==> flow/design.v <==
module mul_core #(
    parameter integer XLEN = 3
) (
    input  logic i_clk,
    input  logic aresetn,
    input  logic [XLEN-1:0] first_i,
    input  logic [XLEN-1:0] second_i,
    input  logic [2*XLEN-1:0] third_i,
    output logic [2*XLEN:0] result_o
);
    logic [XLEN-1:0] first_s;
    logic [XLEN-1:0] second_s;
    logic [2*XLEN-1:0] third_s;
    logic [2*XLEN:0] result_s;
    always_ff @(posedge i_clk or negedge aresetn) begin
        if (!aresetn) begin
            first_s <= '0;
            second_s <= '0;
            third_s <= '0;
            result_s <= '0;
        end else begin
            first_s <= first_i;
            second_s <= second_i;
            third_s <= third_i;
            result_s <= first_s * second_s + third_s;
        end
    end
    assign result_o = result_s;
endmodule
==> reports on mul_core <==
### Tool chain data of mul_core

Tool output for the members of one design family, told apart by "XLEN", in the order of the flow.
The file above is the member XLEN 3. Line numbers count from 1 in each member's own file.
Library cell names are shortened.
Not given: --

| inputs | value |
|---|---|
| design top | mul_core |
| clock | i_clk |
| library | sky130hd |
| corner | tt_025C_1v80 |

### Source of the members

Lines of each other member's file that are new or changed against the file above; lines that a member lacks are not shown.

New or changed lines:

| XLEN | RTL line | text |
|---|---|---|
| 7 | 2 | `parameter integer XLEN = 7` |
| 16 | 2 | `parameter integer XLEN = 16` |
| 18 | 2 | `parameter integer XLEN = 18` |
| 28 | 2 | `parameter integer XLEN = 28` |

### Word level

Counts by Yosys on the flattened word-level netlist (proc, flatten, opt, wreduce; memories kept). Register bits leave out memories and registers merged into their read ports (data or address); mux counts leave out enables and synchronous resets folded into registers. Print and check cells are left out. Cells with the same type and inputs are merged into one.

Bit counts:

| XLEN | output and inout bits | cells after elaboration | register bits after elaboration | input bits |
|---|---|---|---|---|
| 3 | 7 | 6 | 19 | 14 |
| 7 | 15 | 6 | 43 | 30 |
| 16 | 33 | 6 | 97 | 66 |
| 18 | 37 | 6 | 109 | 74 |
| 28 | 57 | 6 | 169 | 114 |

Cells by class:

| XLEN | $mul | $add $sub $neg |
|---|---|---|
| 3 | 1 | 1 |
| 7 | 1 | 1 |
| 16 | 1 | 1 |
| 18 | 1 | 1 |
| 28 | 1 | 1 |

Operators by type and width:

| XLEN | kinds with counts |
|---|---|
| 3 | 1 x 3-bit by 3-bit multiplier with 6-bit output; 1 x 6-bit by 6-bit adder with 7-bit output |
| 7 | 1 x 7-bit by 7-bit multiplier with 14-bit output; 1 x 14-bit by 14-bit adder with 15-bit output |
| 16 | 1 x 16-bit by 16-bit multiplier with 32-bit output; 1 x 32-bit by 32-bit adder with 33-bit output |
| 18 | 1 x 18-bit by 18-bit multiplier with 36-bit output; 1 x 36-bit by 36-bit adder with 37-bit output |
| 28 | 1 x 28-bit by 28-bit multiplier with 56-bit output; 1 x 56-bit by 56-bit adder with 57-bit output |

### Depth

Longest topological path by Yosys (ltp), each cell counted once; first at word level (registers and memories cut), then after technology mapping (sequential cells cut; the memories' decode and read muxes count).

Logic depth:

| XLEN | word-level depth | ABC_AREA | mapped depth | gate-level depth less buffers |
|---|---|---|---|---|
| 3 | 2 | 0 | 9 | 9 |
| 7 | 2 | 0 | 15 | 15 |
| 16 | 2 | 0 | 22 | 20 |
| 18 | 2 | 0 | 23 | 21 |
| 28 | 2 | 0 | 29 | 26 |

### Mapped cells and area

Source: synth_stat.txt of the flow (Yosys; design flattened, memories mapped). It holds for the ABC_AREA given above (unset counts as 0); a run with the other value may have another netlist.

Synthesis totals:

| XLEN | chip area (Yosys) (um^2) | flip-flop cells | standard cells after synthesis | buffer cells | sequential part of the area (um^2) |
|---|---|---|---|---|---|
| 3 | 848.3 | 19 | 62 | 0 | 475.5 |
| 7 | 3259.4 | 43 | 311 | 1 | 1076.0 |
| 16 | 12291.8 | 97 | 1262 | 42 | 2427.3 |
| 18 | 14725.4 | 109 | 1516 | 48 | 2727.6 |
| 28 | 31763.0 | 169 | 3286 | 174 | 4229.1 |

Cells by type:

| XLEN | types with counts |
|---|---|
| 3 | 19 x dfrtp_1; 9 x ha_1; 5 x fa_1; 9 x inv_1; 5 x and2_1; 2 x xnor2_1; 4 x nand2_1; 1 x a211o_1; 1 x a21oi_2; 1 x o21ai_2; 1 x xor2_1; 1 x a21o_1; 2 x nor2_1; 1 x o211ai_1; 1 x a21oi_1 |
| 7 | 43 x dfrtp_1; 37 x fa_1; 34 x ha_1; 78 x inv_1; 32 x and2_1; 22 x nand2_1; 4 x xnor2_1; 4 x a211oi_1; 4 x a21o_1; 6 x a21oi_1; 8 x nor2_1; 5 x o21ai_0; 3 x o211ai_1; 1 x o31ai_4; 2 x a21oi_2; 2 x a21boi_0; 3 x nor3_1; 1 x a211oi_2; (+22) |
| 16 | 226 x fa_1; 97 x dfrtp_1; 104 x ha_1; 346 x inv_1; 130 x and2_1; 151 x nand2_1; 17 x xnor2_1; 25 x a21oi_1; 32 x clkbuf_1; 12 x a21o_1; 9 x xor2_1; 4 x clkbuf_8; 7 x o21a_1; 8 x a31oi_1; 8 x nand4_1; 8 x o21ai_0; 10 x nor2_1; 5 x o211ai_1; (+63) |
| 18 | 290 x fa_1; 109 x dfrtp_1; 408 x inv_1; 116 x ha_1; 187 x and2_1; 170 x nand2_1; 47 x clkbuf_1; 35 x a21oi_1; 20 x xnor2_1; 21 x o21ai_0; 11 x xor2_1; 21 x nor2_1; 8 x a31oi_1; 6 x o21bai_1; 7 x nor2b_1; 5 x a21o_1; 6 x nand4_1; 4 x o211ai_1; (+45) |
| 28 | 727 x fa_1; 169 x dfrtp_1; 841 x inv_1; 222 x ha_1; 422 x and2_1; 408 x nand2_1; 167 x clkbuf_1; 36 x xnor2_1; 56 x a21oi_1; 36 x a21o_1; 19 x xor2_1; 32 x o21ai_0; 19 x nand4_1; 24 x nor2_1; 14 x a31oi_1; 7 x and3_1; 5 x o211ai_1; 5 x o21bai_1; (+77) |

The mark (+n) counts cells that are not listed.

### Path before layout

Source: OpenSTA report_checks on the synthesized netlist (no wires, ideal clock, input and output delay 20% of the period each), path of least setup slack; recovery checks are left aside. Register names are those of the netlist, which keeps one name where synthesis merged equal registers.

Path post-synthesis:

| XLEN | path kind | from | to | period (ns) | driving pins on the path | delay of the path (ns) | setup slack (ns) | synthesis period reached (ns) |
|---|---|---|---|---|---|---|---|---|
| 3 | register -> register | register second_s[2] | register result_s[5] | 3.04 | 9 | 2.431 | 0.609 | 2.431 |
| 7 | register -> register | register first_s[2] | register result_s[11] | 5.13 | 13 | 4.101 | 1.029 | 4.101 |
| 16 | register -> register | register second_s[1] | register result_s[32] | 6.79 | 17 | 5.434 | 1.356 | 5.434 |
| 18 | register -> register | register first_s[9] | register result_s[36] | 7.21 | 22 | 5.765 | 1.445 | 5.765 |
| 28 | register -> register | register second_s[1] | register result_s[32] | 8.85 | 28 | 7.082 | 1.768 | 7.082 |

"delay of the path" = arrival - input delay + setup time.
"driving pins on the path": output pins that drive a net of the path, with the launching flip-flop's if there is one; two outputs of one cell count as two.
"synthesis period reached" is the clock period less the worst setup slack; recovery checks do not enter. This is arithmetic on one report: input and output delays are still those of the set period (20% each).
The rows between start and end are the longest chain of elaborated cells between them; the timing report does not say that the signal goes this way. Where chains are equally long, one stands for them.
Each line given opens the expression or statement behind the cell; cells for indexed reads and writes are added by Yosys, which also makes memories of some case tables.

| between the ends, post-synthesis, XLEN 3 | value |
|---|---|
| length of the longest elaborated chain | 2 |

RTL lines, path post-synthesis, XLEN 3:

| what | RTL line | text |
|---|---|---|
| start, declared | 12 | `logic [XLEN-1:0] second_s;` |
| start, assigned | 18 | `second_s <= '0;` |
| start, assigned | 23 | `second_s <= second_i;` |
| 3-bit by 3-bit multiplier with 6-bit output | 25 | `result_s <= first_s * second_s + third_s;` |
| 6-bit by 6-bit adder with 7-bit output | 25 |  |
| end, assigned | 20 | `result_s <= '0;` |
| end, assigned | 25 |  |
| end, declared | 14 | `logic [2*XLEN:0] result_s;` |

| between the ends, post-synthesis, XLEN 28 | value |
|---|---|
| length of the longest elaborated chain | 2 |

RTL lines, path post-synthesis, XLEN 28:

| what | RTL line | text |
|---|---|---|
| start, declared | 12 | `logic [XLEN-1:0] second_s;` |
| start, assigned | 18 | `second_s <= '0;` |
| start, assigned | 23 | `second_s <= second_i;` |
| 28-bit by 28-bit multiplier with 56-bit output | 25 | `result_s <= first_s * second_s + third_s;` |
| 56-bit by 56-bit adder with 57-bit output | 25 |  |
| end, assigned | 20 | `result_s <= '0;` |
| end, assigned | 25 |  |
| end, declared | 14 | `logic [2*XLEN:0] result_s;` |

### Timing after layout

Path of least setup slack in the final report of the run of each member (OpenROAD, finished layout, wires in). Where an end is a register, its clock arrival counts in the times.

Path post-layout:

| XLEN | path kind | from | to | data arrival time (ns) | setup slack (ns) | buffers on the path | driving pins on the path | period (ns) |
|---|---|---|---|---|---|---|---|---|
| 3 | register -> register | register second_s[2] | register result_s[5] | 2.78 | 0.48 | 0 | 9 | 3.04 |
| 7 | register -> register | register first_s[4] | register result_s[14] | 4.60 | 0.72 | 0 | 14 | 5.13 |
| 16 | register -> register | register second_s[7] | register result_s[27] | 6.46 | 0.61 | 0 | 18 | 6.79 |
| 18 | register -> register | register second_s[4] | register result_s[36] | 6.66 | 0.85 | 0 | 17 | 7.21 |
| 28 | register -> register | register second_s[4] | register result_s[44] | 8.59 | 0.65 | 0 | 23 | 8.85 |

### Measured runs

One run of the flow (Yosys, OpenROAD) for each member, with settings and measured results. Input and output delays are each 20% of the period that was set; the output load is 0.01 pF.

| flow settings | value |
|---|---|
| CAP_MARGIN | 20 |
| CORE_MARGIN | 2 |
| CORE_UTILIZATION | 40 |
| SLEW_MARGIN | 20 |

Settings that differ:

| XLEN | period_ns |
|---|---|
| 3 | 3.04 |
| 7 | 5.13 |
| 16 | 6.79 |
| 18 | 7.21 |
| 28 | 8.85 |

Measured results:

| XLEN | achieved period (ns) | smallest hold slack (ns) | standard-cell area after layout (um^2) | total die area (um^2) | post-route utilization (%) | netlist area reported by Yosys (um^2) | worst setup slack after layout (ns) |
|---|---|---|---|---|---|---|---|
| 3 | 2.559 | 0.506 | 1109.8 | 2505.0 | 56.0 | 848.3 | 0.481 |
| 7 | 4.411 | 0.486 | 3962.6 | 8886.8 | 50.8 | 3259.4 | 0.719 |
| 16 | 6.185 | 0.486 | 13918.3 | 32148.5 | 45.7 | 12291.8 | 0.605 |
| 18 | 6.357 | 0.501 | 16514.6 | 38365.1 | 45.3 | 14725.4 | 0.853 |
| 28 | 8.200 | 0.497 | 35248.8 | 81678.8 | 44.8 | 31763.0 | 0.650 |

"achieved period" means the clock period less the worst setup slack. The figure is calculated, with input and output delays left at 20% of the set period.
